==> flow/design.v <==
module times #(
  parameter integer DATA_W = 5,
  parameter integer WAYS = 4,
  parameter integer RW = 2*DATA_W + $clog2(WAYS)
) (
  input wire ck,
  input wire rst,
  input wire [WAYS*DATA_W-1:0] i_u,
  input wire [WAYS*DATA_W-1:0] i_v,
  output wire [RW-1:0] o_res
);
  reg [WAYS*DATA_W-1:0] u_q;
  reg [WAYS*DATA_W-1:0] v_q;
  always @(posedge ck) begin
    if (rst) begin
      u_q <= 0;
      v_q <= 0;
    end else begin
      u_q <= i_u;
      v_q <= i_v;
    end
  end
  genvar k;
  wire [2*WAYS*DATA_W-1:0] part;
  generate
    for (k = 0; k < WAYS; k = k + 1) begin : gen
      assign part[2*k*DATA_W +: 2*DATA_W] = u_q[k*DATA_W +: DATA_W] * v_q[k*DATA_W +: DATA_W];
    end
  endgenerate
  reg [2*WAYS*DATA_W-1:0] part_q;
  always @(posedge ck) begin
    if (rst) begin
      part_q <= 0;
    end else begin
      part_q <= part;
    end
  end
  reg [RW-1:0] val;
  integer i;
  always @* begin
    val = 0;
    for (i = 0; i < WAYS; i = i + 1)
      val = val + part_q[2*i*DATA_W +: 2*DATA_W];
  end
  reg [RW-1:0] res_q;
  always @(posedge ck) begin
    if (rst) begin
      res_q <= 0;
    end else begin
      res_q <= val;
    end
  end
  assign o_res = res_q;
endmodule
Ticket comment

* Reports on times
A sweep over "WAYS": the same steps for each member of the family.
The RTL above is that of WAYS = 4; lines are counted from 1 in the file of the member named.
Operators carry their Yosys type and port widths (W data, S select, Z words).
The mark - stands for no value.
- Design top :: times
- Clock port :: ck
- Library :: sky130hd
- Library corner :: tt_025C_1v80

* Source of the members
Lines of each other member's file that are new or changed against the file above; lines that a member lacks are not shown.
** New or changed lines
- WAYS 7 :: line 3 : parameter integer WAYS = 7,
- WAYS 12 :: line 3 : parameter integer WAYS = 12,

* Elaborated design
Source: Yosys, flattened and elaborated, memories not mapped. Widths are those after wreduce; folded enables and synchronous resets count as part of the registers. Registers that Yosys merges into a memory's read port (data or address) are not register bits. Print and check cells do not count. Equal cells are merged and count once.
** Operators by class
- WAYS 4 :: $add $sub $neg 3, $mul 4
- WAYS 7 :: $add $sub $neg 6, $mul 7
- WAYS 12 :: $add $sub $neg 11, $mul 12
** Operators with widths (kind and count)
- WAYS 4 :: 4 x $mul A5 B5 Y10; 1 x $add A11 B10 Y12; 1 x $add A12 B10 Y12; 1 x $add A10 B10 Y11
- WAYS 7 :: 7 x $mul A5 B5 Y10; 3 x $add A13 B10 Y13; 1 x $add A12 B10 Y13; 1 x $add A11 B10 Y12; 1 x $add A10 B10 Y11
- WAYS 12 :: 12 x $mul A5 B5 Y10; 7 x $add A14 B10 Y14; 1 x $add A13 B10 Y14; 1 x $add A12 B10 Y13; 1 x $add A11 B10 Y12; 1 x $add A10 B10 Y11
** Storage and ports
- WAYS 4 :: flip-flop bits (word level) 92, output and inout port bits 12, elaborated cells 11
- WAYS 7 :: flip-flop bits (word level) 153, output and inout port bits 13, elaborated cells 17
- WAYS 12 :: flip-flop bits (word level) 254, output and inout port bits 14, elaborated cells 27

* Longest topological paths
Depth = most cells in a row (Yosys ltp): at word level without a register or memory, in the mapped netlist without a sequential cell, where the memories' decode and read muxes count.
** Depth
- WAYS 4 :: depth in word-level cells 3, ABC_AREA 0, depth in mapped cells 13, depth with buffers taken out 13
- WAYS 7 :: depth in word-level cells 6, ABC_AREA 0, depth in mapped cells 14, depth with buffers taken out 14
- WAYS 12 :: depth in word-level cells 11, ABC_AREA 0, depth in mapped cells 17, depth with buffers taken out 17

* Mapped cells and area
Source: synth_stat.txt of the flow (Yosys; design flattened, memories mapped). It holds for the ABC_AREA given above (unset counts as 0); a run with the other value may have another netlist.
** Cell types (type and count)
- WAYS 4 :: 92 x sky130_fd_sc_hd__dfxtp_1; 56 x sky130_fd_sc_hd__fa_1; 83 x sky130_fd_sc_hd__ha_1; 66 x sky130_fd_sc_hd__and2_1; 110 x sky130_fd_sc_hd__inv_1; 59 x sky130_fd_sc_hd__nor2b_1; 44 x sky130_fd_sc_hd__nand2_1; 27 x sky130_fd_sc_hd__nor2_1; 11 x sky130_fd_sc_hd__o21a_1; 14 x sky130_fd_sc_hd__a21oi_1; 14 x sky130_fd_sc_hd__o21ai_0; 8 x sky130_fd_sc_hd__xnor2_1; 6 x sky130_fd_sc_hd__xor2_1; 10 x sky130_fd_sc_hd__nor3_1; 6 x sky130_fd_sc_hd__nor3b_1; 5 x sky130_fd_sc_hd__a211oi_1; 6 x sky130_fd_sc_hd__nand2b_1; 5 x sky130_fd_sc_hd__o211ai_1; (+62)
- WAYS 7 :: 153 x sky130_fd_sc_hd__dfxtp_1; 111 x sky130_fd_sc_hd__fa_1; 141 x sky130_fd_sc_hd__ha_1; 214 x sky130_fd_sc_hd__inv_1; 97 x sky130_fd_sc_hd__and2_1; 96 x sky130_fd_sc_hd__nor2b_1; 91 x sky130_fd_sc_hd__nand2_1; 67 x sky130_fd_sc_hd__nor2_1; 20 x sky130_fd_sc_hd__xor2_1; 19 x sky130_fd_sc_hd__xnor2_1; 26 x sky130_fd_sc_hd__a21oi_1; 13 x sky130_fd_sc_hd__nor4b_1; 13 x sky130_fd_sc_hd__a21o_1; 13 x sky130_fd_sc_hd__and3_1; 10 x sky130_fd_sc_hd__nor3b_1; 17 x sky130_fd_sc_hd__clkbuf_1; 12 x sky130_fd_sc_hd__nor3_1; 12 x sky130_fd_sc_hd__o21ai_0; (+62)
- WAYS 12 :: 254 x sky130_fd_sc_hd__dfxtp_1; 205 x sky130_fd_sc_hd__fa_1; 235 x sky130_fd_sc_hd__ha_1; 367 x sky130_fd_sc_hd__inv_1; 174 x sky130_fd_sc_hd__nor2b_1; 168 x sky130_fd_sc_hd__and2_1; 134 x sky130_fd_sc_hd__nand2_1; 51 x sky130_fd_sc_hd__xnor2_1; 79 x sky130_fd_sc_hd__nor2_1; 35 x sky130_fd_sc_hd__nand3_1; 20 x sky130_fd_sc_hd__o2111ai_1; 14 x sky130_fd_sc_hd__mux2_2; 29 x sky130_fd_sc_hd__a21oi_1; 18 x sky130_fd_sc_hd__nand2b_1; 22 x sky130_fd_sc_hd__o21ai_0; 13 x sky130_fd_sc_hd__a21o_1; 13 x sky130_fd_sc_hd__o21bai_1; 12 x sky130_fd_sc_hd__o31ai_1; (+126)
The mark (+n) counts cells that are not listed.
** Synthesis totals
- WAYS 4 :: cells in the netlist 684, chip area (Yosys) 6461.2 um^2, sequential area 1841.8 um^2, flip-flops 92, buffer cells 12
- WAYS 7 :: cells in the netlist 1187, chip area (Yosys) 11177.0 um^2, sequential area 3062.9 um^2, flip-flops 153, buffer cells 20
- WAYS 12 :: cells in the netlist 1969, chip area (Yosys) 18866.8 um^2, sequential area 5084.9 um^2, flip-flops 254, buffer cells 34

* Worst setup path after synthesis
Path of least setup slack by OpenSTA after synthesis, without wires, with an ideal clock, recovery checks aside; 20% of the period is set as input and as output delay. Where synthesis merged equal registers, the netlist keeps one of their names.
** Timing after synthesis
- WAYS 4 :: path type flip-flop to flip-flop, start register v_q[4], end register part_q[8], period 3870 ps, setup slack 776 ps, stages on the path 11, path delay 3094 ps, synthesis period reached 3094 ps
- WAYS 7 :: path type flip-flop to flip-flop, start register part_q[2], end register res_q[11], period 5100 ps, setup slack 1017 ps, stages on the path 14, path delay 4083 ps, synthesis period reached 4083 ps
- WAYS 12 :: path type flip-flop to flip-flop, start register part_q[2], end register res_q[8], period 5860 ps, setup slack 1173 ps, stages on the path 16, path delay 4687 ps, synthesis period reached 4687 ps
"path delay" = arrival - input delay + setup time.
"stages on the path": output pins that drive a net of the path, with the launching flip-flop's if there is one; two outputs of one cell count as two.
"synthesis period reached" is the clock period less the worst setup slack; recovery checks do not enter. This is arithmetic on one report: input and output delays are still those of the set period (20% each).
The rows between start and end are the longest chain of elaborated cells between them; the timing report does not say that the signal goes this way. Where chains are equally long, one stands for them.
A line is the first line of the expression or statement that the cell stems from. Yosys adds cells for indexed reads and writes and turns some case tables into memories.
Between the ends, after synthesis, WAYS = 4:
- Length of the longest elaborated chain :: 1
** RTL lines, path after synthesis, WAYS = 4
- start, declared :: line 13 : reg [WAYS*DATA_W-1:0] v_q;
- start, assigned :: line 17 : v_q <= 0;
- start, assigned :: line 20 : v_q <= i_v;
- $mul A5 B5 Y10 :: line 27 : assign part[2*k*DATA_W +: 2*DATA_W] = u_q[k*DATA_W +: DATA_W] * v_q[k*DATA_W +: DATA_W];
- end, assigned :: line 33 : part_q <= 0;
- end, assigned :: line 35 : part_q <= part;
- end, declared :: line 30 : reg [2*WAYS*DATA_W-1:0] part_q;
Between the ends, after synthesis, WAYS = 12:
- Length of the longest elaborated chain :: 11
** RTL lines, path after synthesis, WAYS = 12
- start, declared :: line 30 : reg [2*WAYS*DATA_W-1:0] part_q;
- start, assigned :: line 33 : part_q <= 0;
- start, assigned :: line 35 : part_q <= part;
- $add A10 B10 Y11 :: line 43 : val = val + part_q[2*i*DATA_W +: 2*DATA_W];
- $add A11 B10 Y12 :: line 43
- $add A12 B10 Y13 :: line 43
- $add A13 B10 Y14 :: line 43
- $add A14 B10 Y14 x7 :: line 43
- end, assigned :: line 48 : res_q <= 0;
- end, assigned :: line 50 : res_q <= val;
- end, declared :: line 45 : reg [RW-1:0] res_q;

* Timing after layout
From the final timing report of the run of each member: the path of least setup slack in the routed layout; clock arrival at registers is part of the times.
The report prints the path's times to 10 ps; the period is as set.
** Timing after layout
- WAYS 4 :: path type flip-flop to flip-flop, start register u_q[5], end register part_q[19], period 3870 ps, setup slack 500 ps, stages on the path 12, arrival 3590 ps, path buffers 0
- WAYS 7 :: path type flip-flop to flip-flop, start register part_q[2], end register res_q[11], period 5100 ps, setup slack 820 ps, stages on the path 14, arrival 4640 ps, path buffers 0
- WAYS 12 :: path type flip-flop to flip-flop, start register part_q[2], end register res_q[8], period 5860 ps, setup slack 920 ps, stages on the path 16, arrival 5420 ps, path buffers 0

* Flow runs
One run of the flow (Yosys, OpenROAD) for each member, with settings and measured results. Input and output delays are each 20% of the period that was set; the output load is 0.01 pF.
- CAP_MARGIN :: 20
- CORE_MARGIN :: 2
- CORE_UTILIZATION :: 40
- SLEW_MARGIN :: 20
** Settings by member (period_ns)
- WAYS 4 :: 3.87
- WAYS 7 :: 5.1
- WAYS 12 :: 5.86
** Final reports
- WAYS 4 :: synthesis area 6461.2 um^2, total die area 17185.9 um^2, standard-cell area after routing 7538.5 um^2, final design utilization 47.6%, setup slack of the worst path 499 ps, total negative slack on setup checks 0 ps, worst hold slack in the final report 533 ps, power 2395 uW, achieved period 3371 ps
- WAYS 7 :: synthesis area 11177.0 um^2, total die area 29295.7 um^2, standard-cell area after routing 13045.0 um^2, final design utilization 47.2%, setup slack of the worst path 821 ps, total negative slack on setup checks 0 ps, worst hold slack in the final report 493 ps, power 3405 uW, achieved period 4279 ps
- WAYS 12 :: synthesis area 18866.8 um^2, total die area 48920.6 um^2, standard-cell area after routing 21914.8 um^2, final design utilization 47.1%, setup slack of the worst path 924 ps, total negative slack on setup checks 0 ps, worst hold slack in the final report 535 ps, power 5377 uW, achieved period 4936 ps
"achieved period" is the run's clock period less its worst setup slack. It is reckoned from that one timing run; input and output delays stay at 20% of the period that was set.
"power" rests on the timing tool's default activity at the inputs, not on a simulated workload.
